==> flow/design.v <==
module times_top #(
    parameter WIDTH = 8
) (
    input  wire clk_i,
    input  wire [WIDTH-1:0] dataa,
    input  wire [WIDTH-1:0] datab,
    output wire [2*WIDTH-1:0] result
);
    reg [WIDTH-1:0] dataa_ff;
    always @(posedge clk_i)
        dataa_ff <= dataa;
    reg [WIDTH-1:0] datab_ff;
    always @(posedge clk_i)
        datab_ff <= datab;
    reg [2*WIDTH-1:0] result_ff;
    always @(posedge clk_i)
        result_ff <= dataa_ff * datab_ff;
    assign result = result_ff;
endmodule
== From RTL to reports: times_top ==
The steps from the RTL of times_top to its reports follow in flow order.
Lines are those of the file above, counted from 1.
Library cell names are shortened.
Not given: -
Design
  top module: times_top
  clock port: clk_i
  standard-cell library: sky130hd
  corner: tt_025C_1v80

== After elaboration ==
Source: Yosys, flattened and elaborated, memories not mapped. Widths are those after wreduce; folded enables and synchronous resets count as part of the registers. Registers that Yosys merges into a memory's read port (data or address) are not register bits. Print and check cells do not count. Equal cells are merged and count once.
Operators by class
  $add $sub $neg: 0
  multipliers: 1
  div/mod/pow operators: 0
  $lt $le $gt $ge: 0
  equal/unequal tests: 0
  shift operators: 0
  multiplexer cells: 0
  bitwise gates (word level): 0
  reduce/logical cells: 0
Operators with widths (count)
  8-bit by 8-bit multiplier with 16-bit output: 1
Word-level totals
  register bits after elaboration: 32
  bits in latches: 0
  RAM bits: 0
  bits in read-only memories: 0
  word width x clocked read ports: 0
  memories kept: 0
  output and inout bits: 16
  cells after elaboration: 4

== Depth ==
Longest topological path by Yosys (ltp), each cell counted once; first at word level (registers and memories cut), then after technology mapping (sequential cells cut; the memories' decode and read muxes count).
Logic depth
  word-level depth: 1
  ABC_AREA: 1
  depth in mapped cells: 20

== Mapped cells and area ==
Source: synth_stat.txt of the flow (Yosys; design flattened, memories mapped). It holds for the ABC_AREA given above (unset counts as 0); a run with the other value may have another netlist.
Totals and module areas in this step are rounded.
Mapped netlist
  mapped cells: 407
  chip area (Yosys): 0.003 mm2
  flip-flop cells: 32
Cell types
  fa_1: count 36, area in all 720.691 um2
  dfxtp_1: count 32, area in all 640.614 um2
  inv_1: count 123, area in all 461.693 um2
  nand2_1: count 122, area in all 457.939 um2
  ha_1: count 36, area in all 450.432 um2
  clkbuf_1: count 16, area in all 60.058 um2
  xor2_1: count 6, area in all 52.55 um2
  nand3_1: count 9, area in all 45.043 um2
  nand4_1: count 5, area in all 31.28 um2
  nand3_2: count 3, area in all 30.029 um2
  nand2_2: count 4, area in all 25.024 um2
  a21oi_1: count 4, area in all 20.019 um2
  nor2_1: count 5, area in all 18.768 um2
  nor2_2: count 2, area in all 12.512 um2
  inv_2: count 3, area in all 11.261 um2
  xnor2_1: count 1, area in all 8.758 um2

== Path before layout ==
Path of least setup slack by OpenSTA after synthesis, without wires, with an ideal clock, recovery checks aside; 20% of the period is set as input and as output delay. Where synthesis merged equal registers, the netlist keeps one of their names.
Path post-synthesis
  path kind: reg-to-reg
  from: register datab_ff[7]
  to: register result_ff[14]
  period: 4890 ps
  setup time: 113 ps
  time at the first pin: 0 ps
  arrival time: 3630 ps
  data required time: 4777 ps
  setup slack: 1148 ps
  delay of the path: 3743 ps
  stages on the path: 19
  period reached after synthesis: 3742 ps
"delay of the path" = arrival - input delay + setup time.
"stages on the path": output pins that drive a net of the path, with the launching flip-flop's if there is one; two outputs of one cell count as two.
"period reached after synthesis" = period - worst setup slack (recovery checks aside). The figure is calculated, with input and output delays left at 20% of the set period.
The rows between start and end are the longest chain of elaborated cells between them; the timing report does not say that the signal goes this way. Where chains are equally long, one stands for them.
Each line given opens the expression or statement behind the cell; cells for indexed reads and writes are added by Yosys, which also makes memories of some case tables.
Between the ends, post-synthesis
  cells stage by stage: dfxtp_1 > clkbuf_1 > nand2_1 > fa_1 > fa_1 > inv_1 > fa_1 > inv_1 > fa_1 > inv_1 > ha_1 > nand2_1 > nand2_1 > nand2_1 > nand2_1 > nand2_1 > nand3_1 > nand2_1 > nand2_1
  length of the longest elaborated chain: 1
  elaborated cells on any way between the ends: 1
  source lines of those cells: 1
  those cells by class: mul (1)
RTL lines, path post-synthesis
  start, declared: line 12  | reg [WIDTH-1:0] datab_ff;
  start, assigned: line 14  | datab_ff <= datab;
  8-bit by 8-bit multiplier with 16-bit output: line 17  | result_ff <= dataa_ff * datab_ff;
  end, assigned: line 17
  end, declared: line 15  | reg [2*WIDTH-1:0] result_ff;

== Path in the finished layout ==
Path of least setup slack in the final report of run 1 (OpenROAD, finished layout, wires in). Where an end is a register, its clock arrival counts in the times.
The path's times are printed in steps of 10 ps; the period is the one set.
Path after layout
  path kind: reg-to-reg
  from: register dataa_ff[3]
  to: register result_ff[14]
  period: 2440 ps
  setup time: 100 ps
  time at the first pin: 290 ps
  arrival time: 3690 ps
  data required time: 2630 ps
  setup slack: -1060 ps
  stages on the path: 17
The rows between start and end are the longest chain of elaborated cells between them; the timing report does not say that the signal goes this way. Where chains are equally long, one stands for them.
Between the ends, after layout
  cells stage by stage: dfxtp_4 > nand2_2 > inv_2 > fa_1 > inv_1 > fa_1 > inv_1 > fa_1 > inv_2 > fa_1 > inv_2 > ha_4 > nand2_2 > nor2_2 > nand3_1 > nand4_1 > nand2_1
  length of the longest elaborated chain: 1
  elaborated cells on any way between the ends: 1
  source lines of those cells: 1
  those cells by class: mul (1)
RTL lines, path after layout
  start, declared: line 9  | reg [WIDTH-1:0] dataa_ff;
  start, assigned: line 11  | dataa_ff <= dataa;
  8-bit by 8-bit multiplier with 16-bit output: line 17  | result_ff <= dataa_ff * datab_ff;
  end, assigned: line 17
  end, declared: line 15  | reg [2*WIDTH-1:0] result_ff;

Hand-over note for times_top

Design times_top on sky130hd. What follows are 3 stored runs of the flow, each under its own settings; their order means nothing. The constraints put input and output delay at 20% of the set period each and load the outputs with 0.01 pF.
"achieved clock period" is the run's clock period less its worst setup slack. It is reckoned from that one timing run; input and output delays stay at 20% of the period that was set.
"worst setup path time" is the time allowed to the run's worst setup path (the clock period less input and output delay, where it has them) less its slack. Clock arrival times count: a late capture clock shortens it, a late launch clock lengthens it.
"power": no workload was simulated; the value follows from the tool's default switching activity.
"worst setup path time" is given in steps of 10 ps.
Results are given in rounded form.
[run 1] settings: period_ns=2.44, CORE_UTILIZATION=42, PLACE_DENSITY=0.41, CORE_ASPECT_RATIO=0.83, CORE_MARGIN=3, ABC_AREA=1, GPL_ROUTABILITY_DRIVEN=0, CAP_MARGIN=35, SLEW_MARGIN=35, MIN_ROUTING_LAYER=met2, MAX_ROUTING_LAYER=met5
[run 1] result: chip area after synthesis (Yosys) 0.003 mm2, die area 0.0083 mm2, standard-cell area of the final layout 0.0042 mm2, utilization 62 %, worst setup slack after layout -1100 ps, total negative slack -11000 ps, worst hold slack 530 ps, power 0.0039 W, achieved clock period 3504 ps, worst setup path time 3500 ps, worst setup path kind reg-to-reg
[run 2] settings: period_ns=3.15, CORE_UTILIZATION=38, SETUP_SLACK_MARGIN=0.9, CORE_MARGIN=4, ABC_AREA=0, CAP_MARGIN=20, SLEW_MARGIN=20
[run 2] result: chip area after synthesis (Yosys) 0.0027 mm2, die area 0.0087 mm2, standard-cell area of the final layout 0.004 mm2, utilization 57 %, worst setup slack after layout -630 ps, total negative slack -4900 ps, worst hold slack 540 ps, power 0.0029 W, achieved clock period 3775 ps, worst setup path time 3780 ps, worst setup path kind reg-to-reg
[run 3] settings: period_ns=4.89, CAP_MARGIN=20, CORE_MARGIN=2, CORE_UTILIZATION=40, SLEW_MARGIN=20
[run 3] result: chip area after synthesis (Yosys) 0.0027 mm2, die area 0.0075 mm2, standard-cell area of the final layout 0.0033 mm2, utilization 49 %, worst setup slack after layout 730 ps, total negative slack 0 ps, worst hold slack 560 ps, power 0.0014 W, achieved clock period 4157 ps, worst setup path time 4160 ps, worst setup path kind reg-to-reg

End of note.
